==> flow/design.v <==
module gen_mul_rtl #(
  parameter int W = 3
) (
  input logic clk,
  input logic valid,
  input logic [W-1:0] dataa_i,
  input logic [W-1:0] datab_i,
  output logic [2*W-1:0] q_o
);
  logic [W-1:0] dataa_ff;
  logic [W-1:0] datab_ff;
  always_ff @(posedge clk) begin
    if (valid) begin
      dataa_ff <= dataa_i;
      datab_ff <= datab_i;
      q_o <= dataa_ff * datab_ff;
    end
  end
endmodule
# Tool chain data of gen_mul_rtl
# Module gen_mul_rtl in several versions that differ in "W"; each step lists the members.
# The RTL above is that of W=3; lines are counted from 1 in the file of the member named.
# Library cell names are shortened.
# A cell with -- has no value.
dict set report setup {
  top {gen_mul_rtl}
  clk_port {clk}
  library {sky130hd}
  lib_corner {tt_025C_1v80}
}

# Members of the sweep
# Lines of each other member's file that are new or changed against the file above; lines that a member lacks are not shown.
# W line_no
set src_changes {}
lappend src_changes {4 2} ;# parameter int W = 4
lappend src_changes {24 2} ;# parameter int W = 24

# After elaboration
# Source: Yosys, flattened and elaborated, memories not mapped. Widths are those after wreduce; folded enables and synchronous resets count as part of the registers. Registers that Yosys merges into a memory's read port (data or address) are not register bits. Print and check cells do not count. Equal cells are merged and count once.
# W output_inout_bits ff_bits input_bits wordCells
set bits {}
lappend bits {3 6 12 8 4}
lappend bits {4 8 16 10 4}
lappend bits {24 48 96 50 4}
# W n_mul
set classes {}
lappend classes {3 1}
lappend classes {4 1}
lappend classes {24 1}
# W operators
set op_table {}
lappend op_table {3 {multiplier 3 x 3 -> 6 bit: 1}}
lappend op_table {4 {multiplier 4 x 4 -> 8 bit: 1}}
lappend op_table {24 {multiplier 24 x 24 -> 48 bit: 1}}

# Longest topological paths
# Depth = most cells in a row (Yosys ltp): at word level without a register or memory, in the mapped netlist without a sequential cell, where the memories' decode and read muxes count.
# W word_depth abc_area ltp_mapped depth_no_buf
set depth {}
lappend depth {3 1 0 6 6}
lappend depth {4 1 0 8 8}
lappend depth {24 1 0 25 23}

# Netlist
# Yosys stat after the flow's synthesis: flattened, memories mapped to cells. It holds for the ABC_AREA given above (unset counts as 0); a run with the other value may have another netlist.
# W buf_cells stdcells flip_flops synth_area_mm2
set synth_totals {}
lappend synth_totals {3 0 36 12 0.0005568}
lappend synth_totals {4 0 67 16 0.0009271}
lappend synth_totals {24 118 2330 96 0.0222138}
# W type_list
set by_type {}
lappend by_type {3 {edfxtp_1: 12; ha_1: 5; and2_1: 9; fa_1: 2; inv_1: 4; xnor2_1: 1; a21oi_1: 1; nand3_1: 1; nand2_1: 1}}
lappend by_type {4 {edfxtp_1: 16; ha_1: 12; and2_1: 13; fa_1: 4; xnor2_1: 2; a21oi_1: 3; inv_1: 3; nand2_1: 3; or4b_1: 1; a21o_2: 1; and3b_1: 1; o2111ai_1: 1; xor2_1: 1; a211oi_1: 1; a21o_1: 1; nor2_1: 2; o211ai_1: 1; o21ai_1: 1}}
lappend by_type {24 {fa_1: 482; edfxtp_1: 96; ha_1: 174; inv_1: 554; and2_1: 309; nand2_1: 320; clkbuf_1: 107; a21oi_1: 50; xnor2_1: 26; a21o_1: 26; xor2_1: 15; o21ai_0: 22; nand4_1: 14; nor2_1: 23; nor3_1: 14; o21a_1: 8; o21bai_1: 8; buf_2: 8; (+74)}}
# A list marked (+n) leaves out that many cells.

# Timing after synthesis
# Source: OpenSTA report_checks on the synthesized netlist (no wires, ideal clock, input and output delay 20% of the period each), path of least setup slack; recovery checks are left aside. Register names are those of the netlist, which keeps one name where synthesis merged equal registers.
# W kind start end driving_pins path_slack_ns delay_ns period_ns synth_period_reached_ns
set synth_timing {}
lappend synth_timing {3 {register to register} {register dataa_ff[0]} {register q_o[4]} 7 0.515 2.046 2.56 2.045}
lappend synth_timing {4 {register to register} {register dataa_ff[0]} {register q_o[6]} 9 0.667 2.664 3.33 2.663}
lappend synth_timing {24 {register to register} {register datab_ff[3]} {register q_o[41]} 26 1.668 6.683 8.35 6.682}
# "delay_ns" = arrival - input delay + setup time.
# "driving_pins" counts driving pins, that of a launching flip-flop among them; a cell with two outputs on the path counts twice.
# "synth_period_reached_ns" is the clock period less the worst setup slack; recovery checks do not enter. This is arithmetic on one report: input and output delays are still those of the set period (20% each).
# The rows between start and end are the longest chain of elaborated cells between them; the timing report does not say that the signal goes this way. Where chains are equally long, one stands for them.
# A line is the first line of the expression or statement that the cell stems from. Yosys adds cells for indexed reads and writes and turns some case tables into memories.
dict set report synth_via_W_3 {
  elab_chain_len 1
}
# element line_no
set synth_rtl_W_3 {}
lappend synth_rtl_W_3 {{start: declaration} 10} ;# logic [W-1:0] dataa_ff;
lappend synth_rtl_W_3 {{start: assignment} 14} ;# dataa_ff <= dataa_i;
lappend synth_rtl_W_3 {{multiplier 3 x 3 -> 6 bit} 16} ;# q_o <= dataa_ff * datab_ff;
lappend synth_rtl_W_3 {{end: assignment} 16}
lappend synth_rtl_W_3 {{end: declaration} 8} ;# output logic [2*W-1:0] q_o
dict set report synth_via_W_24 {
  elab_chain_len 1
}
# element line_no
set synth_rtl_W_24 {}
lappend synth_rtl_W_24 {{start: declaration} 11} ;# logic [W-1:0] datab_ff;
lappend synth_rtl_W_24 {{start: assignment} 15} ;# datab_ff <= datab_i;
lappend synth_rtl_W_24 {{multiplier 24 x 24 -> 48 bit} 16} ;# q_o <= dataa_ff * datab_ff;
lappend synth_rtl_W_24 {{end: assignment} 16}
lappend synth_rtl_W_24 {{end: declaration} 8} ;# output logic [2*W-1:0] q_o

# Timing after layout
# Path of least setup slack in the final report of the run of each member (OpenROAD, finished layout, wires in). Where an end is a register, its clock arrival counts in the times.
# W kind start end driving_pins n_path_buf path_slack_ns arrival_ns period_ns
set layout_timing {}
lappend layout_timing {3 {register to register} {register dataa_ff[0]} {register q_o[4]} 7 0 0.41 2.17 2.56}
lappend layout_timing {4 {register to register} {register dataa_ff[0]} {register q_o[7]} 9 0 0.56 2.90 3.33}
lappend layout_timing {24 {register to register} {register datab_ff[4]} {register q_o[42]} 24 0 0.78 7.72 8.35}

# Flow runs
# One run of the flow (Yosys, OpenROAD) for each member, with settings and measured results. Input and output delays are each 20% of the period that was set; the output load is 0.01 pF.
dict set report settings {
  CAP_MARGIN 20
  CORE_MARGIN 2
  CORE_UTILIZATION 40
  SLEW_MARGIN 20
}
# W period_ns
set settings_diff {}
lappend settings_diff {3 2.56}
lappend settings_diff {4 3.33}
lappend settings_diff {24 8.35}
# W layout_stdcell_area_mm2 achieved_clock_period_ns holdWs_ns synthArea_mm2 setup_ws_ns finish.utilization_pct setupTns_ns die_footprint_mm2
set measured {}
lappend measured {3 0.0007282 2.146 0.579 0.0005568 0.414 56.0 0.000 0.0017065}
lappend measured {4 0.0011586 2.765 0.628 0.0009271 0.565 52.4 0.000 0.0027191}
lappend measured {24 0.0241782 7.567 1.069 0.0222138 0.783 44.0 0.000 0.0574345}
# "achieved_clock_period_ns" = clock period - worst setup slack. The figure is calculated, with input and output delays left at 20% of the set period.
